==> flow/design.v <==
module dp_scratch_v2 #(
  parameter int D = 32,
  parameter int DATA_W = 48,
  parameter int IDX_W = $clog2(D)
) (
  input  logic clk,
  input  logic i_wr,
  input  logic [IDX_W-1:0] i_wr_addr,
  input  logic [DATA_W-1:0] i_din,
  input  logic [IDX_W-1:0] i_read_addr_a,
  input  logic [IDX_W-1:0] i_read_addr_b,
  output logic [DATA_W-1:0] o_dout_a,
  output logic [DATA_W-1:0] o_dout_b
);
  logic wr_r;
  logic [IDX_W-1:0] wr_addr_r;
  logic [DATA_W-1:0] din_r;
  logic [DATA_W-1:0] rf [0:D-1];
  always_ff @(posedge clk) begin
    if (wr_r && wr_addr_r != 0)
      rf[wr_addr_r] <= din_r;
  end
  logic [IDX_W-1:0] read_addr_a_r;
  logic [IDX_W-1:0] read_addr_b_r;
  assign o_dout_a = (read_addr_a_r == 0) ? {DATA_W{1'b0}} : rf[read_addr_a_r];
  assign o_dout_b = (read_addr_b_r == 0) ? {DATA_W{1'b0}} : rf[read_addr_b_r];
  always_ff @(posedge clk) begin
    wr_r <= i_wr;
    wr_addr_r <= i_wr_addr;
    din_r <= i_din;
    read_addr_a_r <= i_read_addr_a;
    read_addr_b_r <= i_read_addr_b;
  end
endmodule
### From RTL to reports: dp_scratch_v2

Tool output for the design above, in the order of the flow.
Lines are those of the file above, counted from 1.
The mark - stands for no value.

| set-up | value |
|---|---|
| top module | dp_scratch_v2 |
| clock port | clk |
| library | sky130hd |
| corner | tt_025C_1v80 |

### Word-level counts

Counts by Yosys on the flattened word-level netlist (proc, flatten, opt, wreduce; memories kept). Print and check cells are left out. Cells with the same type and inputs are merged into one.
Memory sizes are those after Yosys's memory passes, which may raise the word count (mostly to a power of two), join words into wider ones and drop unused or constant bits.

| word-level totals | value |
|---|---|
| flip-flop bits (word level) | 64 |
| memory bits (writable) | 1536 |
| word width x clocked read ports | 96 |
| memories kept | 1 |
| output and inout bits | 96 |

Memories:

| name | words | width | read ports | write ports | RTL line | source |
|---|---|---|---|---|---|---|
| rf | 32 | 48 | 2 | 1 | 18 | `logic [DATA_W-1:0] rf [0:D-1];` |

| operators by class | value |
|---|---|
| muxes and demuxes | 5 |
| reduce/logical cells | 4 |

Operators by type and width:

| kind | count |
|---|---|
| two-way mux 48 bit | 3 |
| zero test 5 bit | 2 |
| nonzero test 5 bit | 1 |
| two-way mux 5 bit | 1 |
| logical AND 1 bit | 1 |
| two-way mux 1 bit | 1 |

### Longest topological paths

Longest topological path by Yosys (ltp), each cell counted once; first at word level (registers and memories cut), then after technology mapping (sequential cells cut; the memories' decode and read muxes count).

| logic depth | value |
|---|---|
| depth in word-level cells | 3 |
| ABC_AREA | 0 |
| gate-level depth with buffers | 9 |
| mapped depth without buffers | 4 |

### After synthesis

Source: synth_stat.txt of the flow (Yosys; design flattened, memories mapped). It holds for the ABC_AREA given above (unset counts as 0); a run with the other value may have another netlist.

| mapped netlist | value |
|---|---|
| cells in the netlist | 3892 |
| synthesis area | 73063.8 um^2 |
| flip-flops | 1600 |
| buffers | 324 |

Cells by type:

| cell | count |
|---|---|
| sky130_fd_sc_hd__edfxtp_1 | 1536 |
| sky130_fd_sc_hd__mux4_2 | 525 |
| sky130_fd_sc_hd__mux2i_1 | 480 |
| sky130_fd_sc_hd__dfxtp_1 | 64 |
| sky130_fd_sc_hd__mux2_2 | 96 |
| sky130_fd_sc_hd__o221ai_1 | 96 |
| sky130_fd_sc_hd__a22oi_1 | 96 |
| sky130_fd_sc_hd__nand2_1 | 155 |
| sky130_fd_sc_hd__a211oi_1 | 75 |
| sky130_fd_sc_hd__buf_2 | 95 |
| sky130_fd_sc_hd__clkbuf_1 | 126 |
| sky130_fd_sc_hd__buf_6 | 39 |
| sky130_fd_sc_hd__a311oi_1 | 48 |
| sky130_fd_sc_hd__a221oi_2 | 25 |
| sky130_fd_sc_hd__a221oi_1 | 42 |
| sky130_fd_sc_hd__buf_4 | 44 |
| sky130_fd_sc_hd__nor2b_1 | 51 |
| sky130_fd_sc_hd__nand4_1 | 48 |

Other cell types: 25; their cells: 251.

### Timing after synthesis

OpenSTA on the mapped netlist: ideal clock, no wires. The path of least setup slack (recovery checks aside). Input and output delay are each 20% of the period. Register names are those of the netlist, which keeps one name where synthesis merged equal registers.

| path post-synthesis | value |
|---|---|
| path kind | register to register |
| start point | register wr_r |
| end point | memory rf[28][0] |
| period | 4.3 ns |
| library setup time | 0.454 ns |
| arrival time | 2.983 ns |
| data required time | 3.846 ns |
| path slack | 0.863 ns |
| path delay | 3.437 ns |
| stages on the path | 4 |
| path buffers | 1 |
| period reached after synthesis | 3.437 ns |

"path delay" is the arrival time less input delay plus setup time.
"stages on the path": output pins that drive a net of the path, with the launching flip-flop's if there is one; two outputs of one cell count as two.
"period reached after synthesis" is the clock period less the worst setup slack; recovery checks do not enter. This is arithmetic on one report: input and output delays are still those of the set period (20% each).
Between the ends stands the longest chain of elaborated cells between them, by number of cells; it is not shown to be the way that was timed. Of several equally long chains one is given.
Each line given opens the expression or statement behind the cell; cells for indexed reads and writes are added by Yosys, which also makes memories of some case tables.
The path ends at the enable pin of a flip-flop; only ways to that pin are counted.

| between the ends, post-synthesis | value |
|---|---|
| cells stage by stage | sky130_fd_sc_hd__dfxtp_1 > sky130_fd_sc_hd__or3b_2 > sky130_fd_sc_hd__clkbuf_1 > sky130_fd_sc_hd__nor2_1 |
| length of the longest elaborated chain | 2 |
| elaborated cells between the ends (all ways) | 3 |
| RTL lines with such cells | 1 |
| classes of those cells | mux (2); reduce/logical (1) |

Ends and longest elaborated chain, post-synthesis:

| what | RTL line | source |
|---|---|---|
| start, declared | 15 | `logic wr_r;` |
| start, assigned | 28 | `wr_r <= i_wr;` |
| logical AND 1 bit | 20 | `if (wr_r && wr_addr_r != 0)` |
| two-way mux 5 bit | 20 |  |
| end, declared | 18 | `logic [DATA_W-1:0] rf [0:D-1];` |

### Worst path after layout

From the final timing report of run 1: the path of least setup slack in the routed layout; clock arrival at registers is part of the times.

| path post-layout | value |
|---|---|
| path kind | register to output |
| start point | register read_addr_a_r[1] |
| end point | output port o_dout_a[21] |
| period | 4.3 ns |
| output delay | 0.86 ns |
| arrival time | 3.42 ns |
| data required time | 3.44 ns |
| path slack | 0.02 ns |
| stages on the path | 8 |
| path buffers | 4 |

Between the ends stands the longest chain of elaborated cells between them, by number of cells; it is not shown to be the way that was timed. Of several equally long chains one is given.

| between the ends, post-layout | value |
|---|---|
| cells stage by stage | sky130_fd_sc_hd__dfxtp_4 > sky130_fd_sc_hd__buf_12 > sky130_fd_sc_hd__buf_4 > sky130_fd_sc_hd__mux4_2 > sky130_fd_sc_hd__a22oi_1 > sky130_fd_sc_hd__a311oi_2 > sky130_fd_sc_hd__buf_4 > sky130_fd_sc_hd__clkdlybuf4s50_1 |
| length of the longest elaborated chain | 2 |
| elaborated cells between the ends (all ways) | 2 |
| RTL lines with such cells | 1 |
| classes of those cells | mux (1); reduce/logical (1) |

Ends and longest elaborated chain, post-layout:

| what | RTL line | source |
|---|---|---|
| start, declared | 23 | `logic [IDX_W-1:0] read_addr_a_r;` |
| start, assigned | 31 | `read_addr_a_r <= i_read_addr_a;` |
| zero test 5 bit | 25 | `assign o_dout_a = (read_addr_a_r == 0) ? {DATA_W{1'b0}} : rf[read_addr_a_r];` |
| two-way mux 48 bit | 25 |  |
| end, declared | 12 | `output logic [DATA_W-1:0] o_dout_a,` |

Wiki page: dp_scratch_v2 / flow data

Record of 3 stored runs of the RTL-to-layout flow on dp_scratch_v2, platform sky130hd. The runs are unordered. Constraints: input delay and output delay 20% of the set period each, output load 0.01 pF.
"achieved period" is the run's clock period less its worst setup slack. It is reckoned from that one timing run; input and output delays stay at 20% of the period that was set.
"allowed time less slack (worst setup path)" means the part of the period allowed to the worst setup path (the constraints hold back 20% at inputs and 20% at outputs) less its slack; where the path has registers, the arrival times of their clocks count too.
"total power after layout": no workload was simulated; the value follows from the tool's default switching activity.

## Run 1

==> flow/run.sh <==
#!/bin/bash
# the make line also repeats the synthesis and layout settings of config.mk as NAME=value (left out here)
make -C /OpenROAD-flow-scripts/flow DESIGN_CONFIG=/design/flow/config.mk WORK_HOME=/design/flow/orfs CLKGATE_MAP_FILE= finish
==> flow/config.mk <==
export PLATFORM = sky130hd
export DESIGN_NAME = dp_scratch_v2
export DESIGN_NICKNAME = dp_scratch_v2
export VERILOG_FILES = /design/flow/design.v
export SDC_FILE = /design/flow/constraint.sdc
export NUM_CORES = 4
export LEC_CHECK = 0
export CAP_MARGIN = 20
export CORE_MARGIN = 2
export CORE_UTILIZATION = 40
export SLEW_MARGIN = 20
==> flow/constraint.sdc <==
create_clock -name core_clock -period 4.3 [get_ports {clk}]
set_input_delay 0.8600 -clock core_clock [delete_from_list [all_inputs] [get_ports {clk}]]
set_output_delay 0.8600 -clock core_clock [all_outputs]
set_load 0.01 [all_outputs]

| result of run 1 | value |
|---|---|
| utilization after layout | 48.3% |
| final setup TNS | 0.000 ns |
| allowed time less slack (worst setup path) | 3.42 ns |
| critical path type | register to output |
| area of the standard cells in the finished layout | 87551.5 um^2 |
| die outline area | 186093.0 um^2 |
| area of the synthesized netlist | 73063.8 um^2 |
| achieved period | 4.283 ns |
| total power after layout | 35.744 mW |
| setup slack of the critical path | 0.017 ns |
| worst hold slack | 0.472 ns |

## Run 2

==> flow/run.sh <==
#!/bin/bash
# the make line also repeats the synthesis and layout settings of config.mk as NAME=value (left out here)
make -C /OpenROAD-flow-scripts/flow DESIGN_CONFIG=/design/flow/config.mk WORK_HOME=/design/flow/orfs CLKGATE_MAP_FILE= finish
==> flow/config.mk <==
export PLATFORM = sky130hd
export DESIGN_NAME = dp_scratch_v2
export DESIGN_NICKNAME = dp_scratch_v2
export VERILOG_FILES = /design/flow/design.v
export SDC_FILE = /design/flow/constraint.sdc
export NUM_CORES = 4
export LEC_CHECK = 0
export ABC_AREA = 1
export CAP_MARGIN = 20
export CELL_PAD_IN_SITES_GLOBAL_PLACEMENT = 1
export CORE_MARGIN = 4
export CORE_UTILIZATION = 71
export MAX_ROUTING_LAYER = met4
export PLACE_DENSITY = 0.84
export SLEW_MARGIN = 20
==> flow/constraint.sdc <==
create_clock -name core_clock -period 2.34 [get_ports {clk}]
set_input_delay 0.4680 -clock core_clock [delete_from_list [all_inputs] [get_ports {clk}]]
set_output_delay 0.4680 -clock core_clock [all_outputs]
set_load 0.01 [all_outputs]

Run 2: incomplete, placement halted on GPL-0301

## Run 3

==> flow/run.sh <==
#!/bin/bash
# the make line also repeats the synthesis and layout settings of config.mk as NAME=value (left out here)
make -C /OpenROAD-flow-scripts/flow DESIGN_CONFIG=/design/flow/config.mk WORK_HOME=/design/flow/orfs CLKGATE_MAP_FILE= finish
==> flow/config.mk <==
export PLATFORM = sky130hd
export DESIGN_NAME = dp_scratch_v2
export DESIGN_NICKNAME = dp_scratch_v2
export VERILOG_FILES = /design/flow/design.v
export SDC_FILE = /design/flow/constraint.sdc
export NUM_CORES = 4
export LEC_CHECK = 0
export ABC_AREA = 0
export CAP_MARGIN = 20
export CELL_PAD_IN_SITES_GLOBAL_PLACEMENT = 0
export CORE_MARGIN = 2
export CORE_UTILIZATION = 36
export GPL_ROUTABILITY_DRIVEN = 1
export GPL_TIMING_DRIVEN = 0
export PLACE_DENSITY_LB_ADDON = 0.26
export SETUP_SLACK_MARGIN = 0.0
export SLEW_MARGIN = 35
export TNS_END_PERCENT = 100
==> flow/constraint.sdc <==
create_clock -name core_clock -period 2.43 [get_ports {clk}]
set_input_delay 0.4860 -clock core_clock [delete_from_list [all_inputs] [get_ports {clk}]]
set_output_delay 0.4860 -clock core_clock [all_outputs]
set_load 0.01 [all_outputs]

| result of run 3 | value |
|---|---|
| utilization after layout | 48.3% |
| final setup TNS | -122.343 ns |
| allowed time less slack (worst setup path) | 3.42 ns |
| critical path type | register to output |
| area of the standard cells in the finished layout | 97579.8 um^2 |
| die outline area | 206575.0 um^2 |
| area of the synthesized netlist | 73063.8 um^2 |
| achieved period | 3.907 ns |
| total power after layout | 66.218 mW |
| setup slack of the critical path | -1.477 ns |
| worst hold slack | 0.068 ns |
